==> flow/design.v <==
module mul_top #(
    parameter XLEN = 20,
    parameter K = 5
) (
    input logic aclk,
    input logic rst,
    input logic ce,
    input logic [XLEN-1:0] x,
    input logic [K-1:0] y,
    output logic [XLEN+K-1:0] m
);
    logic [XLEN-1:0] x_reg;
    logic [K-1:0] y_reg;
    always_ff @(posedge aclk) begin
        if (rst) begin
            x_reg <= 0;
            y_reg <= 0;
            m <= 0;
        end else if (ce) begin
            x_reg <= x;
            y_reg <= y;
            m <= x_reg * y_reg;
        end
    end
endmodule
# Step by step through the tools: mul_top
# Tool output for the design above, in the order of the flow.
# Line numbers count from 1 in the design file above.
# Library cell names are shortened.
# The mark n/a stands for no value.
# inputs
design	mul_top
clock_port	aclk
cell_library	sky130hd
pvt_corner	tt_025C_1v80

# After elaboration
# Counts by Yosys on the flattened word-level netlist (proc, flatten, opt, wreduce; memories kept). Register bits leave out memories and registers merged into their read ports (data or address); mux counts leave out enables and synchronous resets folded into registers. Print and check cells are left out. Cells with the same type and inputs are merged into one.
# bits
ff_bits	50
inputBits	28
# classes
mul	1
# ops
operator	n
20-bit by 5-bit multiplier with 25-bit output	1

# Logic depth
# Yosys ltp: most cells in a row. Word level: on the elaborated netlist, between registers, memories and ports. Mapped: between sequential cells and ports; inverters and the memories' decode and read muxes count.
# depth
word_depth	1
abc_area	0
ltp_mapped	17
depth_no_buf	16

# Mapped cells and area
# Yosys stat after the flow's synthesis: flattened, memories mapped to cells. It holds for the ABC_AREA given above (unset counts as 0); a run with the other value may have another netlist.
# The area totals of this step are shown rounded.
# by_type
cell_type	n	area_total_um2
fa_1	54	1.08E+03
dfxtp_1	50	1000.96
and2_1	72	450.432
ha_1	33	412.896
mux2i_1	38	380.365
inv_1	78	292.781
nor2_1	60	225.216
nand2_1	46	172.666
a21oi_1	19	95.091
xnor2_1	10	87.584
clkbuf_1	23	86.333
xor2_1	9	78.826
a21o_1	7	52.55
a211oi_1	6	45.043
a211oi_2	3	37.536
nand4_1	6	37.536
a31oi_1	5	31.28
o21ai_1	6	30.029
# Other cell types: 25; their cells: 45.
# synth_totals
ffs	50
yosys_area_um2	4900
stdcells	570
n_buf	28

# Timing after synthesis
# OpenSTA on the mapped netlist: ideal clock, no wires. The path of least setup slack (recovery checks aside). Input and output delay are each 20% of the period. Register names are those of the netlist, which keeps one name where synthesis merged equal registers.
# synth_path
path_kind	register -> register
startpoint	register y_reg[3]
endpoint	register m[24]
delay_ps	4115
tclk_ps	5140
setup_ps	128
arrival_ps	3987
path_stages	18
slack_ps	1026
period_less_setup_slack_ps	4114
# "delay_ps" is the arrival time less input delay plus setup time.
# "path_stages" counts driving pins, that of a launching flip-flop among them; a cell with two outputs on the path counts twice.
# "period_less_setup_slack_ps" is the clock period less the worst setup slack; recovery checks do not enter. This is arithmetic on one report: input and output delays are still those of the set period (20% each).
# Between the ends stands the longest chain of elaborated cells between them, by number of cells; it is not shown to be the way that was timed. Of several equally long chains one is given.
# Each line given opens the expression or statement behind the cell; cells for indexed reads and writes are added by Yosys, which also makes memories of some case tables.
# synth_via
cell_sequence	dfxtp_1 clkbuf_1 and2_1 fa_1 fa_1 inv_1 fa_1 inv_1 ha_1 buf_2 a21o_1 a21oi_1 o22ai_1 or3_4 a221oi_2 xnor2_1 mux2i_1 nor2_1
elab_chain_cells	1
cone_cells	1
lines_between	1
cone_classes	mul (1)
# synth_rtl
item	line_no	rtl
start: declaration	13	logic [K-1:0] y_reg;
start: assignment	17	y_reg <= 0;
start: assignment	21	y_reg <= y;
20-bit by 5-bit multiplier with 25-bit output	22	m <= x_reg * y_reg;
end: assignment	18	m <= 0;
end: assignment	22
end: declaration	10	output logic [XLEN+K-1:0] m

# Path in the finished layout
# From the final timing report of run 1: the path of least setup slack in the routed layout; clock arrival at registers is part of the times.
# The path's times are printed in steps of 10 ps; the period is the one set.
# layout_path
path_kind	register -> register
startpoint	register y_reg[3]
endpoint	register m[24]
path_stages	16
slack_ps	480
arrival_ps	4850
setup_ps	130
tclk_ps	5140
# Between the ends stands the longest chain of elaborated cells between them, by number of cells; it is not shown to be the way that was timed. Of several equally long chains one is given.
# layout_via
cell_sequence	dfxtp_1 and2_1 fa_1 fa_1 inv_1 fa_1 inv_1 ha_1 a21o_1 a21oi_1 o22ai_1 or3_4 a221oi_2 xnor2_1 mux2i_1 nor2_1
elab_chain_cells	1
cone_cells	1
lines_between	1
cone_classes	mul (1)
# layout_rtl
item	line_no	rtl
start: declaration	13	logic [K-1:0] y_reg;
start: assignment	17	y_reg <= 0;
start: assignment	21	y_reg <= y;
20-bit by 5-bit multiplier with 25-bit output	22	m <= x_reg * y_reg;
end: assignment	18	m <= 0;
end: assignment	22
end: declaration	10	output logic [XLEN+K-1:0] m

# Measured data: module mul_top, platform sky130hd, 3 stored runs of the flow under differing settings, order arbitrary. Input and output delays are each 20% of the period that was set; the output load is 0.01 pF.
# "achieved_period_ps" = clock period - worst setup slack. The figure is calculated, with input and output delays left at 20% of the set period.
# By "worst_path_allowed_less_slack_ps" is meant the share of the clock period that the worst setup path is allowed (20% is reserved at inputs, 20% at outputs), minus its slack. Clock arrival times at its registers enter into it.
# "design_power_uw": no workload was simulated; the value follows from the tool's default switching activity.
# "worst_path_allowed_less_slack_ps" is given in steps of 10 ps.
# Values from the reports are rounded here.
# Settings: - = not set for that run.
# Among the results, - means that no value is shown for the run.
run	period_ns	CAP_MARGIN	CORE_MARGIN	CORE_UTILIZATION	SLEW_MARGIN	SETUP_SLACK_MARGIN	PLACE_DENSITY_LB_ADDON	ABC_AREA	GPL_TIMING_DRIVEN	CTS_CLUSTER_DIAMETER	MAX_ROUTING_LAYER	CORE_ASPECT_RATIO	CELL_PAD_IN_SITES_GLOBAL_PLACEMENT	CELL_PAD_IN_SITES_DETAIL_PLACEMENT	GPL_ROUTABILITY_DRIVEN	CTS_CLUSTER_SIZE	MIN_ROUTING_LAYER	synth_area_um2	die_area_um2	final_stdcell_area_um2	fin_util_frac	worstSetupSlack_ps	setup_tns_ps	hold_worst_slack_ps	design_power_uw	achieved_period_ps	worst_path_allowed_less_slack_ps	critical_path_type
run 1	5.14	20	2	40	20	-	-	-	-	-	-	-	-	-	-	-	-	4900	13000	5700	0.47	480	0	460	1000	4664	4660	register -> register
run 2	6.37	20	7	54	20	1.52	0.17	0	0	349	met4	-	-	-	-	-	-	4900	12000	5600	0.64	1700	0	450	730	4630	4630	register -> register
run 3	7.05	20	2	61	25	0.56	0.25	-	1	304	met5	1.92	2	0	0	23	met1	-	-	-	-	-	-	-	-	-	-	-
# Run 3: stopped before the end: placement reported FLW-0024
